==> flow/design.v <==
module ex_cmp #(
   parameter int XLEN = 7
) (
   input logic clk,
   input logic [XLEN-1:0] first,
   input logic [XLEN-1:0] second,
   input logic [XLEN-1:0] third,
   output logic [XLEN-1:0] dout
);
   logic [XLEN-1:0] first_r;
   always_ff @(posedge clk)
      first_r <= first;
   logic [XLEN-1:0] second_r;
   always_ff @(posedge clk)
      second_r <= second;
   logic [XLEN-1:0] third_r;
   always_ff @(posedge clk)
      third_r <= third;
   assign dout = (first_r < second_r) ? second_r : (first_r > third_r) ? third_r : first_r;
endmodule
# Reports on ex_cmp
# A sweep over "XLEN": the same steps for each member of the family.
# The RTL above is that of XLEN = 7; lines are counted from 1 in the file of the member named.
# Operators: Yosys type, input widths -> output width; for muxes data width and select width s.
# Cell names lack the library's common part.
# The mark -- stands for no value.
dict set report inputs {
  top_module {ex_cmp}
  clk_port {clk}
  lib {sky130hd}
  pvt_corner {tt_025C_1v80}
}

# Source of the members
# New or changed lines of each further member against the RTL above, in its own file; lines it lacks are not shown.
# XLEN line_no
set changed_lines {}
lappend changed_lines {8 2} ;# parameter int XLEN = 8
lappend changed_lines {24 2} ;# parameter int XLEN = 24
lappend changed_lines {32 2} ;# parameter int XLEN = 32
lappend changed_lines {48 2} ;# parameter int XLEN = 48

# Elaborated design
# Source: Yosys, flattened and elaborated, memories not mapped. Widths are those after wreduce; folded enables and synchronous resets count as part of the registers. Registers that Yosys merges into a memory's read port (data or address) are not register bits. Print and check cells do not count. Equal cells are merged and count once.
# XLEN add_sub_neg multipliers div_mod_pow n_cmp eq_ne shifts muxes logic n_reduce_logical
set op_classes {}
lappend op_classes {7 0 0 0 2 0 0 2 0 0}
lappend op_classes {8 0 0 0 2 0 0 2 0 0}
lappend op_classes {24 0 0 0 2 0 0 2 0 0}
lappend op_classes {32 0 0 0 2 0 0 2 0 0}
lappend op_classes {48 0 0 0 2 0 0 2 0 0}
# XLEN op_list
set ops {}
lappend ops {7 {2 x $mux 7; 1 x $gt 7x7->1; 1 x $lt 7x7->1}}
lappend ops {8 {2 x $mux 8; 1 x $gt 8x8->1; 1 x $lt 8x8->1}}
lappend ops {24 {2 x $mux 24; 1 x $gt 24x24->1; 1 x $lt 24x24->1}}
lappend ops {32 {2 x $mux 32; 1 x $gt 32x32->1; 1 x $lt 32x32->1}}
lappend ops {48 {2 x $mux 48; 1 x $gt 48x48->1; 1 x $lt 48x48->1}}
# XLEN reg_bits latch_bits mem_bits_rw mem_bits_ro clocked_rd_ports_x_width mem_count inputBits out_inout_bits elab_cells
set word_totals {}
lappend word_totals {7 21 0 0 0 0 0 22 7 7}
lappend word_totals {8 24 0 0 0 0 0 25 8 7}
lappend word_totals {24 72 0 0 0 0 0 73 24 7}
lappend word_totals {32 96 0 0 0 0 0 97 32 7}
lappend word_totals {48 144 0 0 0 0 0 145 48 7}

# Logic depth
# Depth = most cells in a row (Yosys ltp): at word level without a register or memory, in the mapped netlist without a sequential cell, where the memories' decode and read muxes count.
# XLEN ltp_word abc_area mapped_depth depth_no_buf
set logic_depth {}
lappend logic_depth {7 3 0 7 7}
lappend logic_depth {8 3 0 9 7}
lappend logic_depth {24 3 0 10 8}
lappend logic_depth {32 3 0 9 8}
lappend logic_depth {48 3 0 11 9}

# Mapped cells and area
# Yosys stat after the flow's synthesis: flattened, memories mapped to cells. It holds for the ABC_AREA given above (unset counts as 0); a run with the other value may have another netlist.
# XLEN type_list
set types {}
lappend types {7 {21 x dfxtp_1; 13 x ha_1; 12 x mux2i_1; 13 x inv_1; 6 x a21oi_1; 2 x mux2_4; 1 x nand4_2; 1 x o22ai_2; 2 x nand3_1; 1 x a21oi_2; 1 x o21ai_2; 1 x a21o_1; 2 x nand2_1; 1 x nand3b_1; 1 x nor2b_1; 1 x o21ai_0; 1 x o21ai_1; 1 x nor2_1}}
lappend types {8 {24 x dfxtp_1; 15 x ha_1; 12 x nand3_1; 15 x inv_1; 11 x a21oi_1; 6 x a311oi_1; 6 x a22oi_1; 1 x a2111oi_4; 2 x buf_6; 1 x nand4_4; 1 x nand2_8; 2 x o31a_1; 2 x a21o_1; 2 x buf_4; 4 x nand2_1; 1 x nand2b_4; 2 x and3_1; 1 x o211ai_2; [+11]}}
lappend types {24 {72 x dfxtp_1; 47 x ha_1; 23 x mux2i_1; 23 x a32oi_1; 39 x a21oi_1; 49 x inv_1; 7 x nand4_1; 8 x buf_2; 10 x nand2_1; 3 x a221o_1; 3 x and4_1; 5 x nand3_1; 5 x o21ai_0; 1 x o31ai_4; 3 x and3_1; 5 x clkbuf_1; 2 x a211o_1; 2 x a21o_1; [+17]}}
lappend types {32 {96 x dfxtp_1; 63 x ha_1; 33 x a211oi_1; 63 x inv_1; 33 x a31oi_1; 35 x nand3_1; 32 x o21ai_1; 21 x a21oi_1; 9 x buf_6; 17 x nand2_1; 8 x nand4_1; 10 x o21ai_0; 3 x buf_8; 12 x clkbuf_1; 4 x a21o_1; 3 x a221oi_1; 3 x and4_1; 3 x o21a_1; [+26]}}
lappend types {48 {144 x dfxtp_1; 95 x ha_1; 100 x inv_1; 61 x nand3_1; 48 x a31oi_1; 56 x o21ai_0; 51 x nor3_1; 38 x a21oi_1; 24 x nand2_1; 13 x nand4_1; 12 x buf_2; 15 x clkbuf_1; 3 x and4_1; 7 x nor2_1; 4 x nor4_1; 5 x o21ai_1; 3 x a211oi_1; 3 x a21o_1; [+34]}}
# A list marked [+n] leaves out that many cells.
# XLEN cells synth_area_um2 seqArea_um2 ff_cells buf_cells
set synth_totals {}
lappend synth_totals {7 81 907.1 420.4 21 0}
lappend synth_totals {8 119 1212.4 480.5 24 4}
lappend synth_totals {24 324 3300.7 1441.4 72 13}
lappend synth_totals {32 474 4545.6 1921.8 96 24}
lappend synth_totals {48 716 6520.0 2882.8 144 35}

# Worst setup path after synthesis
# Path of least setup slack by OpenSTA after synthesis, without wires, with an ideal clock, recovery checks aside; 20% of the period is set as input and as output delay. Where synthesis merged equal registers, the netlist keeps one of their names.
# XLEN path_kind from to clock_period_ns path_slack_ns stages path_delay_ns period_less_setup_slack_ns
set synth_path {}
lappend synth_path {7 {register to output} {register third_r[2]} {output port dout[0]} 2.84 0.453 8 1.819 2.387}
lappend synth_path {8 {register to output} {register third_r[5]} {output port dout[0]} 2.72 0.435 10 1.741 2.285}
lappend synth_path {24 {register to output} {register first_r[3]} {output port dout[0]} 3.3 0.525 8 2.115 2.775}
lappend synth_path {32 {register to output} {register third_r[23]} {output port dout[10]} 3.24 0.519 10 2.073 2.721}
lappend synth_path {48 {register to output} {register second_r[11]} {output port dout[27]} 3.6 0.573 12 2.307 3.027}
# "path_delay_ns" is the arrival time less input delay plus setup time.
# At an output port there is no setup time.
# "stages" counts driving pins, that of a launching flip-flop among them; a cell with two outputs on the path counts twice.
# "period_less_setup_slack_ns" is the clock period less the worst setup slack; recovery checks do not enter. This is arithmetic on one report: input and output delays are still those of the set period (20% each).
# The rows between start and end are the longest chain of elaborated cells between them; the timing report does not say that the signal goes this way. Where chains are equally long, one stands for them.
# A line is the first line of the expression or statement that the cell stems from. Yosys adds cells for indexed reads and writes and turns some case tables into memories.
dict set report synth_via_XLEN_7 {
  elab_chain_len 3
}
# element line_no
set synth_rtl_XLEN_7 {}
lappend synth_rtl_XLEN_7 {{from (decl)} 16} ;# logic [XLEN-1:0] third_r;
lappend synth_rtl_XLEN_7 {{from (assign)} 18} ;# third_r <= third;
lappend synth_rtl_XLEN_7 {{$gt 7x7->1} 19} ;# assign dout = (first_r < second_r) ? second_r : (first_r > third_r) ? third_r : first_r;
lappend synth_rtl_XLEN_7 {{$mux 7 (2 in a row)} 19}
lappend synth_rtl_XLEN_7 {{to (decl)} 8} ;# output logic [XLEN-1:0] dout
dict set report synth_via_XLEN_48 {
  elab_chain_len 2
}
# element line_no
set synth_rtl_XLEN_48 {}
lappend synth_rtl_XLEN_48 {{from (decl)} 13} ;# logic [XLEN-1:0] second_r;
lappend synth_rtl_XLEN_48 {{from (assign)} 15} ;# second_r <= second;
lappend synth_rtl_XLEN_48 {{$lt 48x48->1} 19} ;# assign dout = (first_r < second_r) ? second_r : (first_r > third_r) ? third_r : first_r;
lappend synth_rtl_XLEN_48 {{$mux 48} 19}
lappend synth_rtl_XLEN_48 {{to (decl)} 8} ;# output logic [XLEN-1:0] dout

# Path in the finished layout
# Path of least setup slack in the final report of the run of each member (OpenROAD, finished layout, wires in). Where an end is a register, its clock arrival counts in the times.
# XLEN path_kind from to clock_period_ns path_slack_ns stages arrival_time_ns n_path_buf
set layout_path {}
lappend layout_path {7 {register to output} {register first_r[5]} {output port dout[1]} 2.84 0.12 9 2.15 2}
lappend layout_path {8 {register to output} {register third_r[3]} {output port dout[3]} 2.72 0.02 9 2.16 2}
lappend layout_path {24 {register to output} {register third_r[1]} {output port dout[0]} 3.3 -0.09 11 2.73 2}
lappend layout_path {32 {register to output} {register third_r[25]} {output port dout[7]} 3.24 -0.14 12 2.73 3}
lappend layout_path {48 {register to output} {register third_r[44]} {output port dout[16]} 3.6 -0.24 14 3.12 4}

# Layout results
# Settings and results of one run of the flow (Yosys, OpenROAD) for each member follow. The constraints put input and output delay at 20% of the set period each and load the outputs with 0.01 pF.
dict set report settings {
  CAP_MARGIN 20
  CORE_MARGIN 2
  CORE_UTILIZATION 40
  SLEW_MARGIN 20
}
# XLEN period_ns
set settings_diff {}
lappend settings_diff {7 2.84}
lappend settings_diff {8 2.72}
lappend settings_diff {24 3.3}
lappend settings_diff {32 3.24}
lappend settings_diff {48 3.6}
# XLEN yosys_chip_area_um2 die_um2 util_pct fin_ws_ns tns_setup_ns period_reached_ns
set measured {}
lappend measured {7 907.1 2664.6 60.8 0.124 0.000 2.716}
lappend measured {8 1212.4 3487.5 74.7 0.017 0.000 2.703}
lappend measured {24 3300.7 8994.6 63.0 -0.090 -0.146 3.390}
lappend measured {32 4545.6 12232.4 70.6 -0.141 -2.624 3.381}
lappend measured {48 6520.0 17337.0 67.6 -0.239 -8.042 3.839}
# "period_reached_ns" = clock period - worst setup slack. The figure is calculated, with input and output delays left at 20% of the set period.
